==> flow/design.v <==
module rf_n #(
    parameter NREGS = 16,
    parameter DATA_WIDTH = 4,
    parameter ABITS = $clog2(NREGS)
) (
    input wire clk,
    input wire clr,
    input wire valid,
    input wire wr,
    input wire [ABITS-1:0] wr_idx,
    input wire [DATA_WIDTH-1:0] write_data,
    input wire [ABITS-1:0] rsel1,
    input wire [ABITS-1:0] rsel2,
    output wire [DATA_WIDTH-1:0] read_data1,
    output wire [DATA_WIDTH-1:0] read_data2
);
    reg wr_d1;
    always @(posedge clk) begin
        if (clr) begin
            wr_d1 <= 1'b0;
        end else if (valid) begin
            wr_d1 <= wr;
        end
    end
    reg [ABITS-1:0] wr_idx_d1;
    always @(posedge clk) begin
        if (clr) begin
            wr_idx_d1 <= 0;
        end else if (valid) begin
            wr_idx_d1 <= wr_idx;
        end
    end
    reg [DATA_WIDTH-1:0] write_data_d1;
    always @(posedge clk) begin
        if (clr) begin
            write_data_d1 <= 0;
        end else if (valid) begin
            write_data_d1 <= write_data;
        end
    end
    reg [DATA_WIDTH-1:0] regs [NREGS-1:0];
    always @(posedge clk) begin
        if (valid && wr_d1 && wr_idx_d1 != 0)
            regs[wr_idx_d1] <= write_data_d1;
    end
    reg [ABITS-1:0] rsel1_d1;
    always @(posedge clk) begin
        if (clr) begin
            rsel1_d1 <= 0;
        end else if (valid) begin
            rsel1_d1 <= rsel1;
        end
    end
    reg [ABITS-1:0] rsel2_d1;
    always @(posedge clk) begin
        if (clr) begin
            rsel2_d1 <= 0;
        end else if (valid) begin
            rsel2_d1 <= rsel2;
        end
    end
    assign read_data1 = (rsel1_d1 == 0) ? {DATA_WIDTH{1'b0}} : regs[rsel1_d1];
    assign read_data2 = (rsel2_d1 == 0) ? {DATA_WIDTH{1'b0}} : regs[rsel2_d1];
endmodule
## Tool chain data of rf_n

The steps from the RTL of rf_n to its reports follow in flow order.
Line numbers count from 1 in the design file above.
Not given: n/a

| set-up | value |
|---|---|
| top module | rf_n |
| clock input | clk |
| cell library | sky130hd |
| library corner | tt_025C_1v80 |

## Elaborated design

Counts by Yosys on the flattened word-level netlist (proc, flatten, opt, wreduce; memories kept). Print and check cells are left out. Cells with the same type and inputs are merged into one.
Memory sizes are those after Yosys's memory passes, which may raise the word count (mostly to a power of two), join words into wider ones and drop unused or constant bits.

| storage and ports | value |
|---|---|
| memories kept | 1 |
| word-level cells | 20 |
| input bits | 20 |
| bits in registers | 17 |
| RAM bits | 64 |
| clocked read ports x word width | 8 |
| output and inout bits | 8 |

| operators by class | value |
|---|---|
| reductions and logical operators | 5 |
| multiplexer cells | 9 |

Memories:

| name | words | bits a word | rd ports | write ports | RTL line | text |
|---|---|---|---|---|---|---|
| regs | 16 | 4 | 2 | 1 | 41 | `reg [DATA_WIDTH-1:0] regs [NREGS-1:0];` |

Operator list:

| kind | number |
|---|---|
| 4-bit two-way mux | 8 |
| 4-bit logical NOT | 2 |
| 4-bit nonzero test | 1 |
| 1-bit logical AND | 2 |
| 1-bit two-way mux | 1 |

## Logic depth

Yosys ltp: most cells in a row. Word level: on the elaborated netlist, between registers, memories and ports. Mapped: between sequential cells and ports; inverters and the memories' decode and read muxes count.

| depth | value |
|---|---|
| depth in word-level cells | 3 |
| ABC_AREA | 0 |
| depth in mapped cells | 6 |
| mapped depth without buffers | 4 |

## Synthesis result

Source: synth_stat.txt of the flow (Yosys; design flattened, memories mapped). It holds for the ABC_AREA given above (unset counts as 0); a run with the other value may have another netlist.

| mapped netlist | value |
|---|---|
| mapped flip-flops | 89 |
| cell count | 249 |
| cell area after synthesis | 3901.2 sq um |
| area of sequential cells | 2422.3 sq um |
| buffers | 14 |

Cells by type:

| cell type | number | area in all (sq um) |
|---|---|---|
| sky130_fd_sc_hd__edfxtp_1 | 64 | 1.92E+03 |
| sky130_fd_sc_hd__mux4_2 | 27 | 608.083 |
| sky130_fd_sc_hd__dfxtp_1 | 25 | 500.48 |
| sky130_fd_sc_hd__mux2i_1 | 31 | 310.298 |
| sky130_fd_sc_hd__nor2_1 | 32 | 120.115 |
| sky130_fd_sc_hd__nand2_1 | 13 | 48.797 |
| sky130_fd_sc_hd__buf_6 | 3 | 33.782 |
| sky130_fd_sc_hd__a22o_1 | 3 | 26.275 |
| sky130_fd_sc_hd__a32oi_1 | 3 | 26.275 |
| sky130_fd_sc_hd__nand4_1 | 4 | 25.024 |
| sky130_fd_sc_hd__mux2_2 | 2 | 22.522 |
| sky130_fd_sc_hd__o211ai_1 | 3 | 22.522 |
| sky130_fd_sc_hd__a221o_1 | 2 | 20.019 |
| sky130_fd_sc_hd__buf_2 | 4 | 20.019 |
| sky130_fd_sc_hd__nor3_1 | 4 | 20.019 |
| sky130_fd_sc_hd__and3_1 | 3 | 18.768 |
| sky130_fd_sc_hd__nand2b_1 | 3 | 18.768 |
| sky130_fd_sc_hd__nor2b_1 | 3 | 18.768 |

Not listed: further types 11, cells in them 20.

## Timing after synthesis

Path of least setup slack by OpenSTA after synthesis, without wires, with an ideal clock, recovery checks aside; 20% of the period is set as input and as output delay. Where synthesis merged equal registers, the netlist keeps one of their names.

| timing post-synthesis | value |
|---|---|
| path type | reg2out |
| start point | reg (no name shown) |
| end point | out read_data2[1] |
| delay of the path | 1.484 ns |
| arrival | 1.484 ns |
| clock period | 2.32 ns |
| required time | 1.856 ns |
| stages | 5 |
| path slack | 0.372 ns |
| path buffers | 2 |
| time at the first pin | 0.000 ns |
| external output delay | 0.464 ns |
| synthesis period reached | 1.948 ns |

"delay of the path" is the arrival time less input delay plus setup time.
A path that ends at an output port has no setup time.
"stages": output pins that drive a net of the path, with the launching flip-flop's if there is one; two outputs of one cell count as two.
"synthesis period reached" is the clock period less the worst setup slack; recovery checks do not enter. This is arithmetic on one report: input and output delays are still those of the set period (20% each).

| on the way, post-synthesis | value |
|---|---|
| path through | sky130_fd_sc_hd__dfxtp_1 -> sky130_fd_sc_hd__buf_6 -> sky130_fd_sc_hd__buf_6 -> sky130_fd_sc_hd__mux4_2 -> sky130_fd_sc_hd__a221o_1 |

RTL lines, path post-synthesis:

| item | RTL line | text |
|---|---|---|
| end, declared | 15 | `output wire [DATA_WIDTH-1:0] read_data2` |

No chain of elaborated cells between the ends is given.

## Worst path after layout

From the final timing report of record 1: the path of least setup slack in the routed layout; clock arrival at registers is part of the times.

| timing after layout | value |
|---|---|
| path type | reg2out |
| start point | reg (no name shown) |
| end point | out read_data2[1] |
| external output delay | 0.54 ns |
| required time | 2.14 ns |
| time at the first pin | 0.35 ns |
| arrival | 2.15 ns |
| path slack | 0.00 ns |
| clock period | 2.68 ns |
| path buffers | 2 |
| stages | 6 |

| on the way, after layout | value |
|---|---|
| path through | sky130_fd_sc_hd__dfxtp_4 -> sky130_fd_sc_hd__buf_12 -> sky130_fd_sc_hd__mux4_2 -> sky130_fd_sc_hd__a22o_1 -> sky130_fd_sc_hd__a221o_1 -> sky130_fd_sc_hd__buf_6 |

RTL lines, path after layout:

| item | RTL line | text |
|---|---|---|
| end, declared | 15 | `output wire [DATA_WIDTH-1:0] read_data2` |

No chain of elaborated cells between the ends is given.

Hand-over note for rf_n

Settings and measured results of 3 stored flow runs for module rf_n (sky130hd), not sorted in any way. The constraints put input and output delay at 20% of the set period each and load the outputs with 0.01 pF.
"total power after layout": no workload was simulated; the value follows from the tool's default switching activity.
Among the settings, n/a means not set for that run.
Among the results, n/a means that no value is shown for the run.

| item | record 1 | record 2 | record 3 |
|---|---|---|---|
| period_ns | 2.68 | 3.66 | 2.32 |
| CORE_UTILIZATION | 16 | 69 | 40 |
| PLACE_DENSITY_LB_ADDON | 0.02 | 0.29 | n/a |
| CORE_ASPECT_RATIO | 1.82 | 1.63 | n/a |
| CELL_PAD_IN_SITES_DETAIL_PLACEMENT | 1 | n/a | n/a |
| TNS_END_PERCENT | 50 | 80 | n/a |
| GPL_TIMING_DRIVEN | 1 | n/a | n/a |
| CAP_MARGIN | 35 | 20 | 20 |
| SLEW_MARGIN | 15 | 20 | 20 |
| MIN_ROUTING_LAYER | met2 | n/a | n/a |
| CORE_MARGIN | 2 | 10 | 2 |
| SETUP_SLACK_MARGIN | n/a | 0.89 | n/a |
| CELL_PAD_IN_SITES_GLOBAL_PLACEMENT | n/a | 3 | n/a |
| CTS_CLUSTER_SIZE | n/a | 73 | n/a |
| area of the synthesized netlist (sq um) | 3901.2 | n/a | 3901.2 |
| die size (sq um) | 25703.9 | n/a | 10558.6 |
| standard-cell area after layout (sq um) | 5232.5 | n/a | 4788.3 |
| setup slack of the worst path (ns) | -0.003 | n/a | -0.179 |
| worst hold slack (ns) | 0.554 | n/a | 0.545 |
| total power after layout (mW) | 3.252 | n/a | 3.260 |

Record 2: did not finish, placement stopped with FLW-0024

End of note.
